==> flow/design.v <==
module gen_sh_core_v2 #(
  parameter XLEN = 20,
  parameter SEL_W = $clog2(XLEN)
) (
  input  wire clk_i,
  input  wire [XLEN-1:0] ch_i,
  input  wire [SEL_W-1:0] n_i,
  output reg [XLEN-1:0] res_o
);
  reg [XLEN-1:0] t;
  integer k;
  always @* begin
    t = ch_i;
    for (k = 0; k < SEL_W; k = k + 1)
      if (n_i[k]) t = t << (1 << k);
  end
  always @(posedge clk_i)
    res_o <= t;
endmodule
# Reports on gen_sh_core_v2
# What the tools print for gen_sh_core_v2, step after step.
# Lines are those of the file above, counted from 1.
# Library cell names are shortened.
# Not given: -
[design]
top = "gen_sh_core_v2"
clk_port = "clk_i"
cell_library = "sky130hd"
corner = "tt_025C_1v80"

# Elaborated design
# Yosys after proc, flatten, opt, wreduce and memory -nomap, before mapping. Memory bits, and registers merged into a memory's read port (data or address), are not among the register bits. Print and check cells are not counted. Equal cells are merged and count once.
[word_totals]
reg_bits = 20
inputBits = 26
word_cells = 9
[op_classes]
n_mux = 5
n_reduce_logical = 1
[op_table]
columns = ["operator", "n"]
rows = [
  ["two-way mux 20 bit", 5],
  ["OR reduction 2 bit", 1],
]

# Longest topological paths
# Yosys ltp: most cells in a row. Word level: on the elaborated netlist, between registers, memories and ports. Mapped: between sequential cells and ports; inverters and the memories' decode and read muxes count.
[logic_depth]
word_depth = 5
ABC_AREA = 0
mapped_depth = 7
mapped_depth_nobuf = 4

# Synthesis result
# The flow's flattened synthesis, as Yosys stat reports it; memories are mapped. The netlist is that of the ABC_AREA named above (0 if unset); the other value can give another one.
# Totals and module areas in this step are rounded.
[by_type]
columns = ["type", "n"]
rows = [
  ["dfxtp_1", 20],
  ["mux4_2", 11],
  ["mux4_1", 6],
  ["mux2i_1", 13],
  ["mux2_2", 8],
  ["nor2_1", 17],
  ["nand2_1", 13],
  ["o22ai_1", 6],
  ["a211oi_1", 4],
  ["buf_2", 5],
  ["buf_6", 2],
  ["o211ai_1", 3],
  ["nand2b_1", 3],
  ["a21o_1", 2],
  ["inv_1", 4],
  ["clkbuf_8", 1],
  ["or2_2", 2],
  ["clkbuf_1", 3],
]
# Not listed: further types 12, cells in them 13.
[mapped]
mapped_cells = 136
yosys_area_mm2 = 0.001449
flip_flops = 20
buf_cells = 12

# Path before layout
# Source: OpenSTA report_checks on the synthesized netlist (no wires, ideal clock, input and output delay 20% of the period each), path of least setup slack; recovery checks are left aside. Register names are those of the netlist, which keeps one name where synthesis merged equal registers.
[synth_timing]
kind = "in2reg"
from = "in n_i[0]"
to = "reg res_o[13]"
tclk_ps = 2120
in_delay_ps = 424
setup_ps = 115
launch_ps = 424
t_arrival_ps = 1663
slack_ps = 342
delay_ps = 1354
stages = 4
n_path_buf = 1
period_less_setup_slack_ps = 1778
# "delay_ps" is the arrival time less input delay plus setup time.
# "stages": output pins that drive a net of the path, with the launching flip-flop's if there is one; two outputs of one cell count as two.
# "period_less_setup_slack_ps" = period - worst setup slack (recovery checks aside). The figure is calculated, with input and output delays left at 20% of the set period.
# Between the ends stands the longest chain of elaborated cells between them, by number of cells; it is not shown to be the way that was timed. Of several equally long chains one is given.
# Each line given opens the expression or statement behind the cell; cells for indexed reads and writes are added by Yosys, which also makes memories of some case tables.
[synth_via]
path_cell_list = "buf_6 > mux4_1 > mux4_2 > and2_1"
elab_chain_len = 4
[synth_rtl]
columns = ["item", "line", "rtl"]
rows = [
  ["start: declaration", 7, "input  wire [SEL_W-1:0] n_i,"],
  ["two-way mux 20 bit (4 in a row)", 15, "if (n_i[k]) t = t << (1 << k);"],
  ["end: assignment", 18, "res_o <= t;"],
  ["end: declaration", 8, "output reg [XLEN-1:0] res_o"],
]

# Path in the finished layout
# Path of least setup slack in the final report of job 1 (OpenROAD, finished layout, wires in). Where an end is a register, its clock arrival counts in the times.
# The path's times are printed in steps of 10 ps; the period is the one set.
[layout_timing]
kind = "in2reg"
from = "in n_i[0]"
to = "reg res_o[13]"
tclk_ps = 2120
in_delay_ps = 420
setup_ps = 90
launch_ps = 420
t_arrival_ps = 2280
slack_ps = 40
stages = 4
n_path_buf = 1
# Between the ends stands the longest chain of elaborated cells between them, by number of cells; it is not shown to be the way that was timed. Of several equally long chains one is given.
[layout_via]
path_cell_list = "clkdlybuf4s50_1 > mux4_1 > mux4_2 > and2_1"
elab_chain_len = 4
[layout_rtl]
columns = ["item", "line", "rtl"]
rows = [
  ["start: declaration", 7, "input  wire [SEL_W-1:0] n_i,"],
  ["two-way mux 20 bit (4 in a row)", 15, "if (n_i[k]) t = t << (1 << k);"],
  ["end: assignment", 18, "res_o <= t;"],
  ["end: declaration", 8, "output reg [XLEN-1:0] res_o"],
]

# Top module gen_sh_core_v2; platform sky130hd; tools Yosys and OpenROAD; 3 stored runs in no particular order. Input and output delays are each 20% of the period that was set; the output load is 0.01 pF.
# "achieved_clock_period_ps": clock period set for the run, less the worst setup slack. It is reckoned from that one timing run; input and output delays stay at 20% of the period that was set.
# "worstPathTime_ps" = time allowed to the worst setup path (clock period - input delay - output delay, where it has them) - its slack; a late launch clock adds to it, a late capture clock takes from it.
# "power_uw" is the tool's figure for a default switching activity; nothing was simulated.
# "worstPathTime_ps" is known to 10 ps.
# Measured values are rounded.

[[run]]
name = "job 1"
[run.settings]
period_ns = 2.12
CAP_MARGIN = 20
CORE_MARGIN = 2
CORE_UTILIZATION = 40
SLEW_MARGIN = 20
[run.results]
synth_area_mm2 = 0.001449
hold_ws_ps = 812
fin_util_frac = 0.64
finish.stdcell_area_mm2 = 0.002187
fin_tns_ps = 0
setup_ws_ps = 37
design.die.area_mm2 = 0.00412
worstPathTime_ps = 1660
critical_path_kind = "in2reg"
power_uw = 1120
achieved_clock_period_ps = 2083

[[run]]
name = "job 2"
[run.settings]
period_ns = 1.48
CORE_UTILIZATION = 66
SETUP_SLACK_MARGIN = -0.03
PLACE_DENSITY = 0.81
CORE_ASPECT_RATIO = 0.59
CELL_PAD_IN_SITES_GLOBAL_PLACEMENT = 3
GPL_TIMING_DRIVEN = 1
GPL_ROUTABILITY_DRIVEN = 0
MIN_ROUTING_LAYER = "met1"
MAX_ROUTING_LAYER = "met5"
CAP_MARGIN = 20
CORE_MARGIN = 2
SLEW_MARGIN = 20
[run.results]
outcome = "stopped before the end: placement reported GPL-0301"

[[run]]
name = "job 3"
[run.settings]
period_ns = 1.08
CORE_UTILIZATION = 69
PLACE_DENSITY_LB_ADDON = 0.03
CORE_ASPECT_RATIO = 0.64
CELL_PAD_IN_SITES_GLOBAL_PLACEMENT = 0
TNS_END_PERCENT = 60
ABC_AREA = 0
GPL_TIMING_DRIVEN = 0
GPL_ROUTABILITY_DRIVEN = 1
CTS_CLUSTER_SIZE = 29
CTS_CLUSTER_DIAMETER = 400
CAP_MARGIN = 20
CORE_MARGIN = 2
SLEW_MARGIN = 20
[run.results]
outcome = "stopped before the end: placement reported FLW-0024"
